==> flow/design.v <==
module scratch_n #(
    parameter integer D = 4,
    parameter integer DWIDTH = 40,
    parameter integer AW = $clog2(D)
) (
    input  clk,
    input  [AW-1:0] index_in,
    input  write_in,
    input  [DWIDTH-1:0] din_in,
    output [DWIDTH-1:0] q_out
);
    reg [DWIDTH-1:0] array [0:D-1];
    always @(posedge clk)
        if (write_in) array[index_in] <= din_in;
    assign q_out = write_in ? din_in : array[index_in];
endmodule
# From RTL to reports: scratch_n
# Tool output for the design above, in the order of the flow.
# Line numbers count from 1 in the design file above.
# Operators: Yosys type, input widths -> output width; for muxes data width and select width s.
# Library cell names are shortened.
# A cell with -- has no value.
# inputs
top_module,scratch_n
clk_port,clk
lib,sky130hd
lib_corner,tt_025C_1v80

# After elaboration
# Counts by Yosys on the flattened word-level netlist (proc, flatten, opt, wreduce; memories kept). Register bits leave out memories and registers merged into their read ports (data or address); mux counts leave out enables and synchronous resets folded into registers. Print and check cells are left out. Cells with the same type and inputs are merged into one.
# Memory sizes are those after Yosys's memory passes, which may raise the word count (mostly to a power of two), join words into wider ones and drop unused or constant bits.
# classes
muxes,4
# ops
cell,n
$mux 40,2
$mux 2,1
$mux 1,1
# word_totals
reg_bits,0
ramBits,160
n_memories,1
inputBits,44
out_inout_bits,40
# memory_table
name,words,word_bits,read_ports,write_ports,line_no,rtl
array,4,40,1,1,12,reg [DWIDTH-1:0] array [0:D-1];

# Logic depth
# Depth = most cells in a row (Yosys ltp): at word level without a register or memory, in the mapped netlist without a sequential cell, where the memories' decode and read muxes count.
# depth
ltp_word,1
ABC_AREA,0
depth_mapped,6

# Mapped cells and area
# Yosys stat after the flow's synthesis: flattened, memories mapped to cells. It holds for the ABC_AREA given above (unset counts as 0); a run with the other value may have another netlist.
# types
cell_type,n,type_area_um2
edfxtp_1,160,4.8E+03
mux2i_1,40,400.384
o32ai_1,27,236.477
a211oi_1,27,202.694
a222oi_1,13,130.125
nor2_1,30,112.608
o21a_1,13,97.594
nor2b_1,14,87.584
buf_2,12,60.058
inv_1,15,56.304
clkbuf_1,8,30.029
buf_4,3,22.522
buf_8,1,15.014
buf_6,1,11.261
nor3_1,2,10.01
or3b_1,1,8.758
nand2b_1,1,6.256
or3_1,1,6.256
# Other cell types: 2; their cells: 2.
# mapped
stdcells,371
yosys_area_um2,6306.0
seqArea_um2,4804.6
ff_cells,160
n_buf,26

# Timing after synthesis
# OpenSTA on the mapped netlist: ideal clock, no wires. The path of least setup slack (recovery checks aside). Input and output delay are each 20% of the period. Register names are those of the netlist, which keeps one name where synthesis merged equal registers.
# synth_timing
kind,input -> register
startpoint,input write_in
endpoint,memory array[0][0]
clock_period_ns,5.9
in_delay_ns,1.180
arrival_ns,4.466
slack_ns,0.946
delay_ns,3.773
driving_pins,5
period_less_setup_slack_ns,4.954
# "delay_ns" = arrival - input delay + setup time.
# "driving_pins": output pins that drive a net of the path, with the launching flip-flop's if there is one; two outputs of one cell count as two.
# "period_less_setup_slack_ns" is the clock period less the worst setup slack; recovery checks do not enter. This is arithmetic on one report: input and output delays are still those of the set period (20% each).
# Between the ends stands the longest chain of elaborated cells between them, by number of cells; it is not shown to be the way that was timed. Of several equally long chains one is given.
# A line is the first line of the expression or statement that the cell stems from. Yosys adds cells for indexed reads and writes and turns some case tables into memories.
# The path ends at the enable pin of a flip-flop; only ways to that pin are counted.
# synth_between
cell_sequence,buf_4 > inv_1 > buf_2 > buf_2 > nor3_1
elab_chain_cells,1
cells_between,2
# synth_rtl
item,line_no,rtl
from (decl),8,"input  write_in,"
$mux 2,14,if (write_in) array[index_in] <= din_in;
to (decl),12,reg [DWIDTH-1:0] array [0:D-1];

# Worst path after layout
# From the final timing report of flow run A: the path of least setup slack in the routed layout; clock arrival at registers is part of the times.
# layout_timing
kind,input -> output
startpoint,input index_in[1]
endpoint,output q_out[8]
clock_period_ns,5.9
in_delay_ns,1.18
out_delay_ns,1.18
arrival_ns,3.67
slack_ns,1.05
driving_pins,6
# Between the ends stands the longest chain of elaborated cells between them, by number of cells; it is not shown to be the way that was timed. Of several equally long chains one is given.
# The chain passes a memory read, where the word-level depth is cut; so it can be longer than that depth.
# layout_between
cell_sequence,clkdlybuf4s50_1 > or3b_1 > buf_4 > nor2_1 > a211oi_1 > clkdlybuf4s50_1
elab_chain_cells,2
cells_between,2
# layout_rtl
item,line_no,rtl
from (decl),7,"input  [AW-1:0] index_in,"
$mem_v2 4x40,12,reg [DWIDTH-1:0] array [0:D-1];
$mux 40,15,assign q_out = write_in ? din_in : array[index_in];
to (decl),10,output [DWIDTH-1:0] q_out

Memo
Re: implementation data of scratch_n

Measured results for scratch_n: 3 stored runs of the Yosys and OpenROAD flow on sky130hd. The settings differ; the order carries no meaning. The constraints put input and output delay at 20% of the set period each and load the outputs with 0.01 pF.
"achieved_clock_period_ns" = clock period - worst setup slack. The figure is calculated, with input and output delays left at 20% of the set period.
"timing.worst_path_ns": the worst setup path's part of the clock period (all of it between registers, 20% less for each end at a port) less its slack. A launch clock that arrives late makes it longer, a capture clock that arrives late makes it shorter.
"total_power_uw" is the tool's figure for a default switching activity; nothing was simulated.

Flow run A, flow files:
==> flow/run.sh <==
#!/bin/bash
# the make line also repeats the synthesis and layout settings of config.mk as NAME=value (left out here)
make -C /OpenROAD-flow-scripts/flow DESIGN_CONFIG=/design/flow/config.mk WORK_HOME=/design/flow/orfs CLKGATE_MAP_FILE= finish
==> flow/config.mk <==
export PLATFORM = sky130hd
export DESIGN_NAME = scratch_n
export DESIGN_NICKNAME = scratch_n
export VERILOG_FILES = /design/flow/design.v
export SDC_FILE = /design/flow/constraint.sdc
export NUM_CORES = 4
export LEC_CHECK = 0
export CAP_MARGIN = 20
export CORE_MARGIN = 2
export CORE_UTILIZATION = 40
export SLEW_MARGIN = 20
==> flow/constraint.sdc <==
create_clock -name core_clock -period 5.9 [get_ports {clk}]
set_input_delay 1.1800 -clock core_clock [delete_from_list [all_inputs] [get_ports {clk}]]
set_output_delay 1.1800 -clock core_clock [all_outputs]
set_load 0.01 [all_outputs]

==> results of flow run A, as CSV <==
result,value
utilization_frac,0.521
achieved_clock_period_ns,4.847
yosys_chip_area_um2,6306.0
stdcell_area_um2,7976.4
final_setup_ws_ns,1.053
design_die_area_um2,16785.8
timing.worst_path_ns,2.49
timing.worst_path_kind,"input -> output"
total_power_uw,2614
hold_worst_slack_ns,1.432

Flow run B, flow files:
==> flow/run.sh <==
#!/bin/bash
# the make line also repeats the synthesis and layout settings of config.mk as NAME=value (left out here)
make -C /OpenROAD-flow-scripts/flow DESIGN_CONFIG=/design/flow/config.mk WORK_HOME=/design/flow/orfs CLKGATE_MAP_FILE= finish
==> flow/config.mk <==
export PLATFORM = sky130hd
export DESIGN_NAME = scratch_n
export DESIGN_NICKNAME = scratch_n
export VERILOG_FILES = /design/flow/design.v
export SDC_FILE = /design/flow/constraint.sdc
export NUM_CORES = 4
export LEC_CHECK = 0
export CAP_MARGIN = 40
export CORE_MARGIN = 2
export CORE_UTILIZATION = 58
export CTS_CLUSTER_SIZE = 40
export PLACE_DENSITY = 0.89
export SETUP_SLACK_MARGIN = 0.09
export SLEW_MARGIN = 20
==> flow/constraint.sdc <==
create_clock -name core_clock -period 6.08 [get_ports {clk}]
set_input_delay 1.2160 -clock core_clock [delete_from_list [all_inputs] [get_ports {clk}]]
set_output_delay 1.2160 -clock core_clock [all_outputs]
set_load 0.01 [all_outputs]

==> results of flow run B, as CSV <==
result,value
utilization_frac,0.727
achieved_clock_period_ns,5.053
yosys_chip_area_um2,6306.0
stdcell_area_um2,7812.5
final_setup_ws_ns,1.027
design_die_area_um2,11722.4
timing.worst_path_ns,2.62
timing.worst_path_kind,"input -> output"
total_power_uw,2431
hold_worst_slack_ns,1.357

Flow run C, flow files:
==> flow/run.sh <==
#!/bin/bash
# the make line also repeats the synthesis and layout settings of config.mk as NAME=value (left out here)
make -C /OpenROAD-flow-scripts/flow DESIGN_CONFIG=/design/flow/config.mk WORK_HOME=/design/flow/orfs CLKGATE_MAP_FILE= finish
==> flow/config.mk <==
export PLATFORM = sky130hd
export DESIGN_NAME = scratch_n
export DESIGN_NICKNAME = scratch_n
export VERILOG_FILES = /design/flow/design.v
export SDC_FILE = /design/flow/constraint.sdc
export NUM_CORES = 4
export LEC_CHECK = 0
export ABC_AREA = 1
export CAP_MARGIN = 20
export CELL_PAD_IN_SITES_DETAIL_PLACEMENT = 2
export CORE_MARGIN = 10
export CORE_UTILIZATION = 60
export CTS_CLUSTER_DIAMETER = 216
export CTS_CLUSTER_SIZE = 80
export GPL_ROUTABILITY_DRIVEN = 1
export GPL_TIMING_DRIVEN = 1
export MAX_ROUTING_LAYER = met5
export PLACE_DENSITY_LB_ADDON = 0.01
export SETUP_SLACK_MARGIN = 0.98
export SLEW_MARGIN = 20
==> flow/constraint.sdc <==
create_clock -name core_clock -period 3.61 [get_ports {clk}]
set_input_delay 0.7220 -clock core_clock [delete_from_list [all_inputs] [get_ports {clk}]]
set_output_delay 0.7220 -clock core_clock [all_outputs]
set_load 0.01 [all_outputs]

Flow run C: not finished: placement ended with error DPL-0033
